==> flow/design.v <==
module sync_mul_core_mod #(
    parameter W = 3
) (
    input  sys_clk,
    input  srst,
    input  signed [W-1:0] rs1_i,
    input  signed [W-1:0] rs2_i,
    output reg signed [2*W-1:0] res_o
);
    reg signed [W-1:0] rs1_d1;
    always @(posedge sys_clk or posedge srst) begin
        if (srst) begin
            rs1_d1 <= 0;
        end else begin
            rs1_d1 <= rs1_i;
        end
    end
    reg signed [W-1:0] rs2_d1;
    always @(posedge sys_clk or posedge srst) begin
        if (srst) begin
            rs2_d1 <= 0;
        end else begin
            rs2_d1 <= rs2_i;
        end
    end
    always @(posedge sys_clk or posedge srst) begin
        if (srst) begin
            res_o <= 0;
        end else begin
            res_o <= rs1_d1 * rs2_d1;
        end
    end
endmodule
* Tool chain data of sync_mul_core_mod
Tool output for the design above, in the order of the flow.
Line numbers count from 1 in the design file above.
Operators carry their Yosys type and port widths (W data, S select, Z words).
Cell names lack the library's common part.
Not given: -
- Top module :: sync_mul_core_mod
- Clock input :: sys_clk
- Library :: sky130hd
- Corner :: tt_025C_1v80

* After elaboration
Counts by Yosys on the flattened word-level netlist (proc, flatten, opt, wreduce; memories kept). Register bits leave out memories and registers merged into their read ports (data or address); mux counts leave out enables and synchronous resets folded into registers. Print and check cells are left out. Cells with the same type and inputs are merged into one.
- Output and inout bits :: 6
- Elaborated cells :: 4
- Flip-flop bits (word level) :: 12
- Bits of input ports :: 8
- $mul :: 1
** Operator list (number)
- $mul A3 B3 Y6 :: 1

* Depth
Longest topological path by Yosys (ltp), each cell counted once; first at word level (registers and memories cut), then after technology mapping (sequential cells cut; the memories' decode and read muxes count).
- Depth after elaboration :: 1
- ABC_AREA :: 1
- Gate-level depth with buffers :: 12
- Gate-level depth less buffers :: 12

* Mapped cells and area
Source: synth_stat.txt of the flow (Yosys; design flattened, memories mapped). It holds for the ABC_AREA given above (unset counts as 0); a run with the other value may have another netlist.
The area totals of this step are shown rounded.
** Cell types
- dfrtp_1 :: number 12, total area 300.288 um2
- fa_1 :: number 4, total area 80.077 um2
- ha_1 :: number 5, total area 62.56 um2
- inv_1 :: number 15, total area 56.304 um2
- nand2_1 :: number 15, total area 56.304 um2
- or2_2 :: number 2, total area 12.512 um2
- xnor2_1 :: number 1, total area 8.758 um2
- nor2_2 :: number 1, total area 6.256 um2
- o21ai_0 :: number 1, total area 5.005 um2
- nor2_1 :: number 1, total area 3.754 um2
- Mapped area :: 591.8 um2
- Mapped cells :: 57
- Flip-flop cells :: 12
- Sequential area :: 300.3 um2
- Buffers :: 0

* Path before layout
Source: OpenSTA report_checks on the synthesized netlist (no wires, ideal clock, input and output delay 20% of the period each), path of least setup slack; recovery checks are left aside. Register names are those of the netlist, which keeps one name where synthesis merged equal registers.
- Path kind :: reg-to-reg
- Start point :: register rs2_d1[2]
- End point :: register res_o[5]
- Delay of the path :: 2.608 ns
- Slack :: 0.412 ns
- Clock period :: 3.02 ns
- Data required time :: 2.904 ns
- Launch time at the first pin :: 0.000 ns
- Library setup time :: 0.116 ns
- Stages :: 12
- Buffers on the path :: 0
- Arrival time :: 2.492 ns
- Synthesis period reached :: 2.608 ns
"delay of the path" is the arrival time less input delay plus setup time.
"stages" counts driving pins, that of a launching flip-flop among them; a cell with two outputs on the path counts twice.
"synthesis period reached" = period - worst setup slack (recovery checks aside). The figure is calculated, with input and output delays left at 20% of the set period.
The rows between start and end are the longest chain of elaborated cells between them; the timing report does not say that the signal goes this way. Where chains are equally long, one stands for them.
A line is the first line of the expression or statement that the cell stems from. Yosys adds cells for indexed reads and writes and turns some case tables into memories.
- Cells stage by stage :: dfrtp_1 > inv_1 > or2_2 > fa_1 > inv_1 > fa_1 > ha_1 > fa_1 > nor2_1 > nor2_2 > nand2_1 > nand2_1
- Cells in the longest elaborated chain :: 1
- Elaborated cells between the ends (all ways) :: 1
- Source lines of those cells :: 1
- Classes of those cells :: mul (1)
** RTL lines, path after synthesis
- start, declared :: RTL line 18 : reg signed [W-1:0] rs2_d1;
- start, assigned :: RTL line 21 : rs2_d1 <= 0;
- start, assigned :: RTL line 23 : rs2_d1 <= rs2_i;
- $mul A3 B3 Y6 :: RTL line 30 : res_o <= rs1_d1 * rs2_d1;
- end, assigned :: RTL line 28 : res_o <= 0;
- end, assigned :: RTL line 30
- end, declared :: RTL line 8 : output reg signed [2*W-1:0] res_o

* Path in the finished layout
Path of least setup slack in the final report of job 1 (OpenROAD, finished layout, wires in). Where an end is a register, its clock arrival counts in the times.
- Path kind :: reg-to-reg
- Start point :: register rs2_d1[2]
- End point :: register res_o[5]
- Launch time at the first pin :: 0.27 ns
- Buffers on the path :: 0
- Clock period :: 3.96 ns
- Data required time :: 4.12 ns
- Slack :: 1.23 ns
- Arrival time :: 2.90 ns
- Stages :: 12
- Library setup time :: 0.10 ns
The rows between start and end are the longest chain of elaborated cells between them; the timing report does not say that the signal goes this way. Where chains are equally long, one stands for them.
- Cells stage by stage :: dfrtp_1 > inv_1 > or2_2 > fa_1 > inv_1 > fa_1 > ha_1 > fa_1 > nor2_1 > nor2_2 > nand2_1 > nand2_1
- Cells in the longest elaborated chain :: 1
- Elaborated cells between the ends (all ways) :: 1
- Source lines of those cells :: 1
- Classes of those cells :: mul (1)
** RTL lines, path after layout
- start, declared :: RTL line 18 : reg signed [W-1:0] rs2_d1;
- start, assigned :: RTL line 21 : rs2_d1 <= 0;
- start, assigned :: RTL line 23 : rs2_d1 <= rs2_i;
- $mul A3 B3 Y6 :: RTL line 30 : res_o <= rs1_d1 * rs2_d1;
- end, assigned :: RTL line 28 : res_o <= 0;
- end, assigned :: RTL line 30
- end, declared :: RTL line 8 : output reg signed [2*W-1:0] res_o

Data sheet: physical implementation of sync_mul_core_mod

Top module sync_mul_core_mod; platform sky130hd; tools Yosys and OpenROAD; 3 stored runs in no particular order. Input and output delays are each 20% of the period that was set; the output load is 0.01 pF.
"period achieved" is the run's clock period less its worst setup slack. It is reckoned from that one timing run; input and output delays stay at 20% of the period that was set.
By "time of the worst setup path" is meant the share of the clock period that the worst setup path is allowed (20% is reserved at inputs, 20% at outputs), minus its slack. Clock arrival times at its registers enter into it.
"total power after layout" rests on the timing tool's default activity at the inputs, not on a simulated workload.
Measured values are rounded.

** Job 1
- Settings :: period_ns=3.96; CORE_UTILIZATION=23; SETUP_SLACK_MARGIN=0.23; CORE_MARGIN=3; CELL_PAD_IN_SITES_GLOBAL_PLACEMENT=0; ABC_AREA=1; CTS_CLUSTER_SIZE=52; CAP_MARGIN=30; SLEW_MARGIN=20
- Area of the die :: 3218 um2
- Worst hold slack in the final report :: 0.490 ns
- Time of the worst setup path :: 2.73 ns
- Worst setup path type :: reg-to-reg
- Total power after layout :: 0.0003147 W
- Smallest setup slack :: 1.227 ns
- Post-route utilization :: 34.2 %
- Period achieved :: 2.733 ns
- Standard-cell area of the final layout :: 793.3 um2
- Post-synthesis cell area :: 591.8 um2
- Total negative slack :: 0.000 ns

** Job 2
- Settings :: period_ns=2.89; CORE_UTILIZATION=18; SETUP_SLACK_MARGIN=-0.11; PLACE_DENSITY_LB_ADDON=0.15; CELL_PAD_IN_SITES_GLOBAL_PLACEMENT=2; CELL_PAD_IN_SITES_DETAIL_PLACEMENT=0; ABC_AREA=0; GPL_ROUTABILITY_DRIVEN=1; CTS_CLUSTER_DIAMETER=71; CAP_MARGIN=20; CORE_MARGIN=2; SLEW_MARGIN=20
- Area of the die :: 3472 um2
- Worst hold slack in the final report :: 0.502 ns
- Time of the worst setup path :: 2.52 ns
- Worst setup path type :: reg-to-reg
- Total power after layout :: 0.0004316 W
- Smallest setup slack :: 0.372 ns
- Post-route utilization :: 26.7 %
- Period achieved :: 2.518 ns
- Standard-cell area of the final layout :: 748.2 um2
- Post-synthesis cell area :: 543.0 um2
- Total negative slack :: 0.000 ns

** Job 3
- Settings :: period_ns=3.02; CAP_MARGIN=20; CORE_MARGIN=2; CORE_UTILIZATION=40; SLEW_MARGIN=20
- Area of the die :: 1668 um2
- Worst hold slack in the final report :: 0.499 ns
- Time of the worst setup path :: 2.51 ns
- Worst setup path type :: reg-to-reg
- Total power after layout :: 0.0004093 W
- Smallest setup slack :: 0.514 ns
- Post-route utilization :: 56.7 %
- Period achieved :: 2.506 ns
- Standard-cell area of the final layout :: 728.2 um2
- Post-synthesis cell area :: 543.0 um2
- Total negative slack :: 0.000 ns
